==> flow/design.v <==
module sync_alu_arith #(
  parameter DATA_W = 24
) (
  input clk,
  input RST,
  input en,
  input [DATA_W-1:0] arg0,
  input [DATA_W-1:0] arg1,
  input mode,
  output [DATA_W:0] result
);
  reg [DATA_W-1:0] arg0_r;
  reg [DATA_W-1:0] arg1_r;
  reg mode_r;
  always @(posedge clk) begin
    if (RST) begin
      arg0_r <= 0;
      arg1_r <= 0;
      mode_r <= 1'b0;
    end else if (en) begin
      arg0_r <= arg0;
      arg1_r <= arg1;
      mode_r <= mode;
    end
  end
  assign result = mode_r ? arg0_r - arg1_r : arg0_r + arg1_r;
endmodule
# --- Reports on sync_alu_arith ---
# The steps from the RTL of sync_alu_arith to its reports follow in flow order.
# Line numbers count from 1 in the design file above.
# Operators carry their Yosys type and port widths (W data, S select, Z words).
# Library cell names are shortened.
design:
  top_module: "sync_alu_arith"
  clock_port: "clk"
  cell_library: "sky130hd"
  lib_corner: "tt_025C_1v80"

# --- Elaborated design ---
# Counts by Yosys on the flattened word-level netlist (proc, flatten, opt, wreduce; memories kept). Register bits leave out memories and registers merged into their read ports (data or address); mux counts leave out enables and synchronous resets folded into registers. Print and check cells are left out. Cells with the same type and inputs are merged into one.
word_totals:
  reg_bits: 49
  output_inout_bits: 25
  inputBits: 52
  elab_cells: 6
classes:
  n_addsub: 2
  n_mux: 1
ops:
  columns: ["operator", "n"]
  rows:
  - ["$add A24 B24 Y25", 1]
  - ["$sub A24 B24 Y25", 1]
  - ["$mux W25", 1]

# --- Logic depth ---
# Longest topological path by Yosys (ltp), each cell counted once; first at word level (registers and memories cut), then after technology mapping (sequential cells cut; the memories' decode and read muxes count).
depth:
  word_depth: 2
  ABC_AREA: 0
  depth_mapped: 16
  depth_no_buf: 15

# --- After synthesis ---
# Yosys stat after the flow's synthesis: flattened, memories mapped to cells. It holds for the ABC_AREA given above (unset counts as 0); a run with the other value may have another netlist.
# The area totals of this step are shown rounded.
by_type:
  columns: ["type", "n"]
  rows:
  - ["dfxtp_1", 49]
  - ["mux2i_1", 51]
  - ["nor2_1", 88]
  - ["xnor2_1", 36]
  - ["ha_1", 25]
  - ["a21oi_1", 33]
  - ["o21ai_0", 18]
  - ["nand2_1", 19]
  - ["clkbuf_1", 17]
  - ["inv_1", 17]
  - ["xor2_1", 6]
  - ["nor3_1", 9]
  - ["a21o_1", 5]
  - ["a31oi_1", 6]
  - ["nand4_1", 6]
  - ["nor4_1", 5]
  - ["o21bai_1", 4]
  - ["nand2b_1", 4]
# Not listed: further types 23, cells in them 34.
synth_totals:
  buf_cells: 22
  flip_flops: 49
  seq_area_um2: 980
  mapped_area_um2: 3500
  stdcells: 432

# --- Path before layout ---
# OpenSTA on the mapped netlist: ideal clock, no wires. The path of least setup slack (recovery checks aside). Input and output delay are each 20% of the period. Register names are those of the netlist, which keeps one name where synthesis merged equal registers.
synth_path:
  path_kind: "reg2out"
  startpoint: "register arg1_r[2]"
  endpoint: "output result[23]"
  t_arrival_ps: 3198
  driving_pins: 14
  slack_ps: 802
  clock_period_ps: 5000
  delay_ps: 3198
  period_less_setup_slack_ps: 4198
# "delay_ps" is the arrival time less input delay plus setup time.
# A path that ends at an output port has no setup time.
# "driving_pins": output pins that drive a net of the path, with the launching flip-flop's if there is one; two outputs of one cell count as two.
# "period_less_setup_slack_ps" is the clock period less the worst setup slack; recovery checks do not enter. This is arithmetic on one report: input and output delays are still those of the set period (20% each).
# The rows between start and end are the longest chain of elaborated cells between them; the timing report does not say that the signal goes this way. Where chains are equally long, one stands for them.
# A line is the first line of the expression or statement that the cell stems from. Yosys adds cells for indexed reads and writes and turns some case tables into memories.
synth_via:
  cell_sequence: "dfxtp_1 -> nor3_4 -> nand2_2 -> or4_4 -> nor4b_4 -> a21oi_1 -> xnor2_1 -> ha_1 -> clkbuf_1 -> nand4_1 -> o311ai_0 -> nor2_1 -> o21ai_0 -> xnor2_1"
  elab_chain_len: 2
synth_rtl:
  columns: ["element", "line", "text"]
  rows:
  - ["start: declaration", 13, "reg [DATA_W-1:0] arg1_r;"]
  - ["start: assignment", 18, "arg1_r <= 0;"]
  - ["start: assignment", 22, "arg1_r <= arg1;"]
  - ["$add A24 B24 Y25", 26, "assign result = mode_r ? arg0_r - arg1_r : arg0_r + arg1_r;"]
  - ["$mux W25", 26, null]
  - ["end: declaration", 10, "output [DATA_W:0] result"]

# --- Path in the finished layout ---
# From the final timing report of job 1: the path of least setup slack in the routed layout; clock arrival at registers is part of the times.
# The path's times are printed in steps of 10 ps; the period is the one set.
layout_path:
  path_kind: "reg2out"
  startpoint: "register arg1_r[4]"
  endpoint: "output result[22]"
  driving_pins: 16
  slack_ps: 100
  t_arrival_ps: 3900
  clock_period_ps: 5000
# The rows between start and end are the longest chain of elaborated cells between them; the timing report does not say that the signal goes this way. Where chains are equally long, one stands for them.
layout_via:
  cell_sequence: "dfxtp_2 -> nor3_4 -> nand2_2 -> or4_4 -> nor4b_4 -> nor2_1 -> xnor2_1 -> ha_1 -> buf_4 -> a21oi_1 -> nor2_1 -> a211o_1 -> a21oi_1 -> o21ai_0 -> o22a_1 -> clkdlybuf4s50_1"
  elab_chain_len: 2
layout_rtl:
  columns: ["element", "line", "text"]
  rows:
  - ["start: declaration", 13, "reg [DATA_W-1:0] arg1_r;"]
  - ["start: assignment", 18, "arg1_r <= 0;"]
  - ["start: assignment", 22, "arg1_r <= arg1;"]
  - ["$add A24 B24 Y25", 26, "assign result = mode_r ? arg0_r - arg1_r : arg0_r + arg1_r;"]
  - ["$mux W25", 26, null]
  - ["end: declaration", 10, "output [DATA_W:0] result"]

# Measured data: module sync_alu_arith, platform sky130hd, 3 stored runs of the flow under differing settings, order arbitrary. Input and output delays are each 20% of the period that was set; the output load is 0.01 pF.
# "period_reached_ps": clock period set for the run, less the worst setup slack. It is reckoned from that one timing run; input and output delays stay at 20% of the period that was set.
# "worst_path_allowed_less_slack_ps" = time allowed to the worst setup path (clock period - input delay - output delay, where it has them) - its slack; a late launch clock adds to it, a late capture clock takes from it.
# "worst_path_allowed_less_slack_ps" is given in steps of 10 ps.
# Measured values are rounded.
runs:
  - name: "job 1"
    settings:
      period_ns: 5.0
      CAP_MARGIN: 20
      CORE_MARGIN: 2
      CORE_UTILIZATION: 40
      SLEW_MARGIN: 20
    results:
      synth_chip_area_um2: 3500
      setup_worst_slack_ps: 95
      total_die_area_um2: 9400
      worst_path_allowed_less_slack_ps: 3900
      critical_path_type: "reg2out"
      period_reached_ps: 4905
      cell_area_final_um2: 4600
      timing.setup.tns_ps: 0
      post_route_util_frac: 0.54
  - name: "job 2"
    settings:
      period_ns: 3.12
      CORE_UTILIZATION: 65
      SETUP_SLACK_MARGIN: 0.42
      CELL_PAD_IN_SITES_GLOBAL_PLACEMENT: 1
      ABC_AREA: 0
      GPL_TIMING_DRIVEN: 0
      GPL_ROUTABILITY_DRIVEN: 0
      MIN_ROUTING_LAYER: "met2"
      MAX_ROUTING_LAYER: "met5"
      CAP_MARGIN: 20
      CORE_MARGIN: 2
      SLEW_MARGIN: 20
    outcome: "incomplete, placement halted on GPL-0301"
  - name: "job 3"
    settings:
      period_ns: 5.76
      CORE_UTILIZATION: 22
      SETUP_SLACK_MARGIN: 0.47
      PLACE_DENSITY: 0.51
      CORE_ASPECT_RATIO: 0.69
      CELL_PAD_IN_SITES_GLOBAL_PLACEMENT: 3
      CELL_PAD_IN_SITES_DETAIL_PLACEMENT: 2
      TNS_END_PERCENT: 10
      ABC_AREA: 0
      GPL_TIMING_DRIVEN: 0
      CAP_MARGIN: 35
      MAX_ROUTING_LAYER: "met4"
      CORE_MARGIN: 2
      SLEW_MARGIN: 20
    results:
      synth_chip_area_um2: 3500
      setup_worst_slack_ps: 480
      total_die_area_um2: 17000
      worst_path_allowed_less_slack_ps: 4120
      critical_path_type: "reg2out"
      period_reached_ps: 5276
      cell_area_final_um2: 4900
      timing.setup.tns_ps: 0
      post_route_util_frac: 0.32
